==> flow/design.v <==
module times_top #(
    parameter WIDTH = 12
) (
    input  wire clk_i,
    input  wire [WIDTH-1:0] dataa,
    input  wire [WIDTH-1:0] datab,
    output wire [2*WIDTH-1:0] result
);
    reg [WIDTH-1:0] dataa_ff;
    always @(posedge clk_i)
        dataa_ff <= dataa;
    reg [WIDTH-1:0] datab_ff;
    always @(posedge clk_i)
        datab_ff <= datab;
    reg [2*WIDTH-1:0] result_ff;
    always @(posedge clk_i)
        result_ff <= dataa_ff * datab_ff;
    assign result = result_ff;
endmodule
Step by step through the tools: times_top
What the tools print for times_top, step after step.
Line numbers count from 1 in the design file above.
{ "design": {"top": "times_top", "clock_port": "clk_i", "lib": "sky130hd", "pvt_corner": "tt_025C_1v80"} }

Elaborated design
Counts by Yosys on the flattened word-level netlist (proc, flatten, opt, wreduce; memories kept). Register bits leave out memories and registers merged into their read ports (data or address); mux counts leave out enables and synchronous resets folded into registers. Print and check cells are left out. Cells with the same type and inputs are merged into one.
{ "word_totals": {"regBits": 48, "input_bits": 25} }
{ "classes": {"n_mul": 1} }
{ "op_table": {"columns": ["cell", "n"], "rows": [
  ["multiplier 12 x 12 -> 24 bit", 1]
]} }

Depth
Longest topological path by Yosys (ltp), each cell counted once; first at word level (registers and memories cut), then after technology mapping (sequential cells cut; the memories' decode and read muxes count).
{ "depth": {"ltp_word": 1, "abc_area": 0, "depth_mapped": 20, "depth_no_buf": 18} }

Netlist
The flow's flattened synthesis, as Yosys stat reports it; memories are mapped. The netlist is that of the ABC_AREA named above (0 if unset); the other value can give another one.
The area totals of this step are shown rounded.
{ "by_type": {"columns": ["type", "n", "area_total_um2"], "rows": [
  ["sky130_fd_sc_hd__fa_1", 100, 2001.92],
  ["sky130_fd_sc_hd__dfxtp_1", 48, 960.922],
  ["sky130_fd_sc_hd__ha_1", 62, 775.744],
  ["sky130_fd_sc_hd__inv_1", 141, 529.258],
  ["sky130_fd_sc_hd__nand2_1", 101, 379.114],
  ["sky130_fd_sc_hd__and2_1", 53, 331.568],
  ["sky130_fd_sc_hd__xnor2_1", 14, 122.618],
  ["sky130_fd_sc_hd__clkbuf_1", 28, 105.101],
  ["sky130_fd_sc_hd__a21oi_1", 14, 70.067],
  ["sky130_fd_sc_hd__nor2_1", 11, 41.29],
  ["sky130_fd_sc_hd__a21o_1", 5, 37.536],
  ["sky130_fd_sc_hd__xor2_1", 4, 35.034],
  ["sky130_fd_sc_hd__a311oi_4", 1, 26.275],
  ["sky130_fd_sc_hd__a31oi_1", 4, 25.024],
  ["sky130_fd_sc_hd__nand4_1", 4, 25.024],
  ["sky130_fd_sc_hd__o21a_1", 3, 22.522],
  ["sky130_fd_sc_hd__o21ai_0", 4, 20.019],
  ["sky130_fd_sc_hd__nand2b_1", 3, 18.768]
]} }
Not listed: further types 20, cells in them 27.
{ "mapped": {"mapped_cells": 627, "yosys_area_um2": 5740, "ff_cells": 48} }

Timing after synthesis
Source: OpenSTA report_checks on the synthesized netlist (no wires, ideal clock, input and output delay 20% of the period each), path of least setup slack; recovery checks are left aside. Register names are those of the netlist, which keeps one name where synthesis merged equal registers.
{ "synth_timing": {"path_type": "register to register", "from": "register datab_ff[3]", "to": "register result_ff[19]", "clock_period_ns": 6.07, "t_first_pin_ns": 0.000, "arrival_time_ns": 4.727, "slack_ns": 1.217, "delay_ns": 4.854, "driving_pins": 19, "path_buffers": 1, "synth_period_reached_ns": 4.853} }
"delay_ns" is the arrival time less input delay plus setup time.
"driving_pins" counts driving pins, that of a launching flip-flop among them; a cell with two outputs on the path counts twice.
"synth_period_reached_ns" is the clock period less the worst setup slack; recovery checks do not enter. This is arithmetic on one report: input and output delays are still those of the set period (20% each).
The rows between start and end are the longest chain of elaborated cells between them; the timing report does not say that the signal goes this way. Where chains are equally long, one stands for them.
A line is the first line of the expression or statement that the cell stems from. Yosys adds cells for indexed reads and writes and turns some case tables into memories.
{ "synth_via": {"path_cell_list": "sky130_fd_sc_hd__dfxtp_1 > sky130_fd_sc_hd__clkbuf_1 > sky130_fd_sc_hd__nand2_1 > sky130_fd_sc_hd__fa_1 > sky130_fd_sc_hd__inv_1 > sky130_fd_sc_hd__fa_1 > sky130_fd_sc_hd__inv_1 > sky130_fd_sc_hd__fa_1 > sky130_fd_sc_hd__inv_1 > sky130_fd_sc_hd__fa_1 > sky130_fd_sc_hd__inv_1 > sky130_fd_sc_hd__fa_1 > sky130_fd_sc_hd__inv_1 > sky130_fd_sc_hd__ha_1 > sky130_fd_sc_hd__a21o_1 > sky130_fd_sc_hd__o21a_4 > sky130_fd_sc_hd__a311oi_4 > sky130_fd_sc_hd__o21ai_0 > sky130_fd_sc_hd__xor2_1", "elab_chain_len": 1, "cone_cells": 1, "lines_between": 1} }
{ "synth_rtl": {"columns": ["item", "line_no", "text"], "rows": [
  ["start: declaration", 12, "reg [WIDTH-1:0] datab_ff;"],
  ["start: assignment", 14, "datab_ff <= datab;"],
  ["multiplier 12 x 12 -> 24 bit", 17, "result_ff <= dataa_ff * datab_ff;"],
  ["end: assignment", 17, null],
  ["end: declaration", 15, "reg [2*WIDTH-1:0] result_ff;"]
]} }

Path in the finished layout
From the final timing report of run B: the path of least setup slack in the routed layout; clock arrival at registers is part of the times.
{ "layout_timing": {"path_type": "register to register", "from": "register dataa_ff[5]", "to": "register result_ff[23]", "clock_period_ns": 3.4, "t_first_pin_ns": 0.30, "arrival_time_ns": 4.89, "slack_ns": -1.30, "driving_pins": 16, "path_buffers": 2} }
The rows between start and end are the longest chain of elaborated cells between them; the timing report does not say that the signal goes this way. Where chains are equally long, one stands for them.
{ "layout_via": {"path_cell_list": "sky130_fd_sc_hd__dfxtp_4 > sky130_fd_sc_hd__buf_4 > sky130_fd_sc_hd__and2_1 > sky130_fd_sc_hd__fa_1 > sky130_fd_sc_hd__fa_1 > sky130_fd_sc_hd__fa_1 > sky130_fd_sc_hd__fa_1 > sky130_fd_sc_hd__inv_1 > sky130_fd_sc_hd__fa_1 > sky130_fd_sc_hd__inv_1 > sky130_fd_sc_hd__ha_4 > sky130_fd_sc_hd__buf_4 > sky130_fd_sc_hd__o21a_1 > sky130_fd_sc_hd__a311oi_4 > sky130_fd_sc_hd__a31oi_1 > sky130_fd_sc_hd__xnor2_1", "elab_chain_len": 1, "cone_cells": 1, "lines_between": 1} }
{ "layout_rtl": {"columns": ["item", "line_no", "text"], "rows": [
  ["start: declaration", 9, "reg [WIDTH-1:0] dataa_ff;"],
  ["start: assignment", 11, "dataa_ff <= dataa;"],
  ["multiplier 12 x 12 -> 24 bit", 17, "result_ff <= dataa_ff * datab_ff;"],
  ["end: assignment", 17, null],
  ["end: declaration", 15, "reg [2*WIDTH-1:0] result_ff;"]
]} }

Memo
Re: implementation data of times_top

Flow measurements of times_top on sky130hd: 3 stored runs with different settings, listed in no order. Input and output delays are each 20% of the period that was set; the output load is 0.01 pF.
"achieved_clock_period_ns" is the run's clock period less its worst setup slack. It is reckoned from that one timing run; input and output delays stay at 20% of the period that was set.
"worst_setup_path_time_ns" is the time allowed to the run's worst setup path (the clock period less input and output delay, where it has them) less its slack. Clock arrival times count: a late capture clock shortens it, a late launch clock lengthens it.
"power_total_w" rests on the timing tool's default activity at the inputs, not on a simulated workload.
The results are shown rounded.
[
  {
    "run": "run A",
    "settings": { "period_ns": 5.43, "CORE_UTILIZATION": 72, "PLACE_DENSITY_LB_ADDON": 0.16, "HOLD_SLACK_MARGIN": 0.11, "CELL_PAD_IN_SITES_GLOBAL_PLACEMENT": 2, "CELL_PAD_IN_SITES_DETAIL_PLACEMENT": 1, "ABC_AREA": 0, "CTS_CLUSTER_SIZE": 61, "SLEW_MARGIN": 30, "CAP_MARGIN": 20, "CORE_MARGIN": 2 },
    "outcome": "not finished: placement ended with error FLW-0024"
  },
  {
    "run": "run B",
    "settings": { "period_ns": 3.4, "CORE_UTILIZATION": 33, "PLACE_DENSITY_LB_ADDON": 0.23, "HOLD_SLACK_MARGIN": 0.07, "CORE_ASPECT_RATIO": 1.52, "CELL_PAD_IN_SITES_GLOBAL_PLACEMENT": 3, "ABC_AREA": 0, "MAX_ROUTING_LAYER": "met5", "CAP_MARGIN": 20, "CORE_MARGIN": 2, "SLEW_MARGIN": 20 },
    "results": { "yosys.chip_area_um2": 5740, "design_die_area_um2": 18500, "final_cell_area_um2": 7840, "finalUtil_pct": 45.9, "timing.setup.ws_ns": -1.30, "total_negative_slack_ns": -16.7, "timing.hold.ws_ns": 0.643, "power_total_w": 0.00772, "achieved_clock_period_ns": 4.699, "worst_setup_path_time_ns": 4.70, "worst_setup_path_type": "register to register" }
  },
  {
    "run": "run C",
    "settings": { "period_ns": 6.07, "CAP_MARGIN": 20, "CORE_MARGIN": 2, "CORE_UTILIZATION": 40, "SLEW_MARGIN": 20 },
    "results": { "yosys.chip_area_um2": 5740, "design_die_area_um2": 15300, "final_cell_area_um2": 6550, "finalUtil_pct": 47.0, "timing.setup.ws_ns": 0.881, "total_negative_slack_ns": 0.000, "timing.hold.ws_ns": 0.704, "power_total_w": 0.0032, "achieved_clock_period_ns": 5.189, "worst_setup_path_time_ns": 5.19, "worst_setup_path_type": "register to register" }
  }
]
